==> flow/design.v <==
module u_mplex #(
  parameter int DWIDTH = 3,
  parameter int INPUTS = 64,
  parameter int SEL_WIDTH = $clog2(INPUTS)
) (
  input logic clock,
  input logic nrst,
  input logic step,
  input logic [INPUTS*DWIDTH-1:0] bus,
  input logic [SEL_WIDTH-1:0] pick,
  output logic [DWIDTH-1:0] res
);
  logic [INPUTS*DWIDTH-1:0] bus_r;
  logic [SEL_WIDTH-1:0] pick_r;
  logic [DWIDTH-1:0] res_r;
  assign res = res_r;
  always_ff @(posedge clock or negedge nrst) begin
    if (~nrst) begin
      bus_r <= '0;
      pick_r <= '0;
      res_r <= '0;
    end else if (step) begin
      bus_r <= bus;
      pick_r <= pick;
      res_r <= bus_r[pick_r*DWIDTH +: DWIDTH];
    end
  end
endmodule
Reports on u_mplex --
Tool output for the design above, in the order of the flow. Line numbers count from 1 in the design file above. Library cell names are shortened. A cell with -- has no value.
Set-up: top u_mplex, clock input clock, standard-cell library sky130hd, corner tt_025C_1v80

Word level --
Source: Yosys, flattened and elaborated, memories not mapped. Widths are those after wreduce; folded enables and synchronous resets count as part of the registers. Registers that Yosys merges into a memory's read port (data or address) are not register bits. Print and check cells do not count. Equal cells are merged and count once.
Storage and ports: bits in registers 201
Cells by class: multipliers 1, shift operators 1
Operator list (count):
- 192-bit by 9-bit variable part select with 3-bit output | 1
- 6-bit by 2-bit multiplier with 8-bit output (second input constant) | 1

Logic depth --
Yosys ltp: most cells in a row. Word level: on the elaborated netlist, between registers, memories and ports. Mapped: between sequential cells and ports; inverters and the memories' decode and read muxes count.
Logic depth: word-level depth 2, ABC_AREA 0, gate-level depth with buffers 8, depth with buffers taken out 5

Synthesis result --
Source: synth_stat.txt of the flow (Yosys; design flattened, memories mapped). It holds for the ABC_AREA given above (unset counts as 0); a run with the other value may have another netlist.
Synthesis totals: mapped cells 539, mapped area 8941.1 µm², flip-flop cells 201, buffer cells 35
Cell types:
- dfrtp_1 | count 201, total area 5.03E+03 µm²
- mux2_2 | count 204, total area 2.3E+03 µm²
- mux4_2 | count 48, total area 1.08E+03 µm²
- mux2i_1 | count 15, total area 150.144 µm²
- clkbuf_1 | count 23, total area 86.333 µm²
- buf_2 | count 6, total area 30.029 µm²
- nand2_1 | count 8, total area 30.029 µm²
- a32oi_1 | count 3, total area 26.275 µm²
- o221ai_1 | count 3, total area 26.275 µm²
- nand2b_1 | count 4, total area 25.024 µm²
- a22oi_1 | count 3, total area 22.522 µm²
- buf_4 | count 3, total area 22.522 µm²
- a221o_1 | count 2, total area 20.019 µm²
- a21oi_1 | count 3, total area 15.014 µm²
- and3_1 | count 2, total area 12.512 µm²
- nor2b_1 | count 2, total area 12.512 µm²
- buf_6 | count 1, total area 11.261 µm²
- a32o_1 | count 1, total area 10.01 µm²
Not listed: further types 5, cells in them 7.

Path before layout --
OpenSTA on the mapped netlist: ideal clock, no wires. The path of least setup slack (recovery checks aside). Input and output delay are each 20% of the period. Register names are those of the netlist, which keeps one name where synthesis merged equal registers.
Timing path post-synthesis: path type register to register, start point register pick_r[2], end point register res_r[1], period 2.61 ns, setup time 0.126 ns, arrival 1.960 ns, data required time 2.484 ns, setup slack 0.524 ns, delay of the path 2.086 ns, driving pins on the path 8, synthesis period reached 2.086 ns
"delay of the path" is the arrival time less input delay plus setup time. "driving pins on the path" counts driving pins, that of a launching flip-flop among them; a cell with two outputs on the path counts twice. "synthesis period reached" = period - worst setup slack (recovery checks aside). The figure is calculated, with input and output delays left at 20% of the set period. The rows between start and end are the longest chain of elaborated cells between them; the timing report does not say that the signal goes this way. Where chains are equally long, one stands for them. A line is the first line of the expression or statement that the cell stems from. Yosys adds cells for indexed reads and writes and turns some case tables into memories.
Between the ends, post-synthesis: path through dfrtp_1 buf_6 buf_2 mux4_2 mux2_2 a22oi_1 o221ai_1 a221o_1, cells in the longest elaborated chain 2, elaborated cells on any way between the ends 2, RTL lines with such cells 1, those cells by class mul: 1; shift: 1
Ends and longest elaborated chain, post-synthesis:
- start, declared | RTL line 14 | logic [SEL_WIDTH-1:0] pick_r;
- start, assigned | RTL line 20 | pick_r <= '0;
- start, assigned | RTL line 24 | pick_r <= pick;
- 6-bit by 2-bit multiplier with 8-bit output | RTL line 25 | res_r <= bus_r[pick_r*DWIDTH +: DWIDTH];
- 192-bit by 9-bit variable part select with 3-bit output | RTL line 25
- end, assigned | RTL line 21 | res_r <= '0;
- end, assigned | RTL line 25
- end, declared | RTL line 15 | logic [DWIDTH-1:0] res_r;

Timing after layout --
From the final timing report of flow run 1: the path of least setup slack in the routed layout; clock arrival at registers is part of the times.
Timing path after layout: path type register to register, start point register pick_r[2], end point register res_r[1], period 2.61 ns, setup time 0.12 ns, arrival 2.79 ns, data required time 2.99 ns, setup slack 0.20 ns, driving pins on the path 7
The rows between start and end are the longest chain of elaborated cells between them; the timing report does not say that the signal goes this way. Where chains are equally long, one stands for them.
Between the ends, after layout: path through dfrtp_4 buf_4 mux4_2 mux2_2 a22oi_1 o221ai_1 a221o_1, cells in the longest elaborated chain 2, elaborated cells on any way between the ends 2, RTL lines with such cells 1, those cells by class mul: 1; shift: 1
Ends and longest elaborated chain, after layout:
- start, declared | RTL line 14 | logic [SEL_WIDTH-1:0] pick_r;
- start, assigned | RTL line 20 | pick_r <= '0;
- start, assigned | RTL line 24 | pick_r <= pick;
- 6-bit by 2-bit multiplier with 8-bit output | RTL line 25 | res_r <= bus_r[pick_r*DWIDTH +: DWIDTH];
- 192-bit by 9-bit variable part select with 3-bit output | RTL line 25
- end, assigned | RTL line 21 | res_r <= '0;
- end, assigned | RTL line 25
- end, declared | RTL line 15 | logic [DWIDTH-1:0] res_r;

FLOW RESULTS
============

Settings and measured results of 2 stored flow runs for module u_mplex (sky130hd), not sorted in any way. The constraints put input and output delay at 20% of the set period each and load the outputs with 0.01 pF.
"achieved clock period" is the run's clock period less its worst setup slack. It is reckoned from that one timing run; input and output delays stay at 20% of the period that was set.
"worst setup path time" is the time allowed to the run's worst setup path (the clock period less input and output delay, where it has them) less its slack. Clock arrival times count: a late capture clock shortens it, a late launch clock lengthens it.
"power" rests on the timing tool's default activity at the inputs, not on a simulated workload.
[flow run 1] settings: period_ns=2.61, CAP_MARGIN=20, CORE_MARGIN=2, CORE_UTILIZATION=40, SLEW_MARGIN=20
[flow run 1] result: chip area after synthesis (Yosys) 8941.1 µm², die area 23565.3 µm², standard-cell area of the final layout 12253.0 µm², utilization 56.0%, worst setup slack after layout 0.204 ns, total negative slack 0.000 ns, power 0.008499 W, achieved clock period 2.406 ns, worst setup path time 2.41 ns, worst setup path kind register to register
[flow run 2] settings: period_ns=2.84, CORE_UTILIZATION=55, PLACE_DENSITY_LB_ADDON=0.12, CORE_ASPECT_RATIO=0.9, ABC_AREA=0, GPL_ROUTABILITY_DRIVEN=1, CTS_CLUSTER_DIAMETER=244, CAP_MARGIN=20, CORE_MARGIN=2, SLEW_MARGIN=20
[flow run 2] result: chip area after synthesis (Yosys) 8941.1 µm², die area 17293.1 µm², standard-cell area of the final layout 12014.0 µm², utilization 75.0%, worst setup slack after layout 0.528 ns, total negative slack 0.000 ns, power 0.007566 W, achieved clock period 2.312 ns, worst setup path time 2.31 ns, worst setup path kind register to register
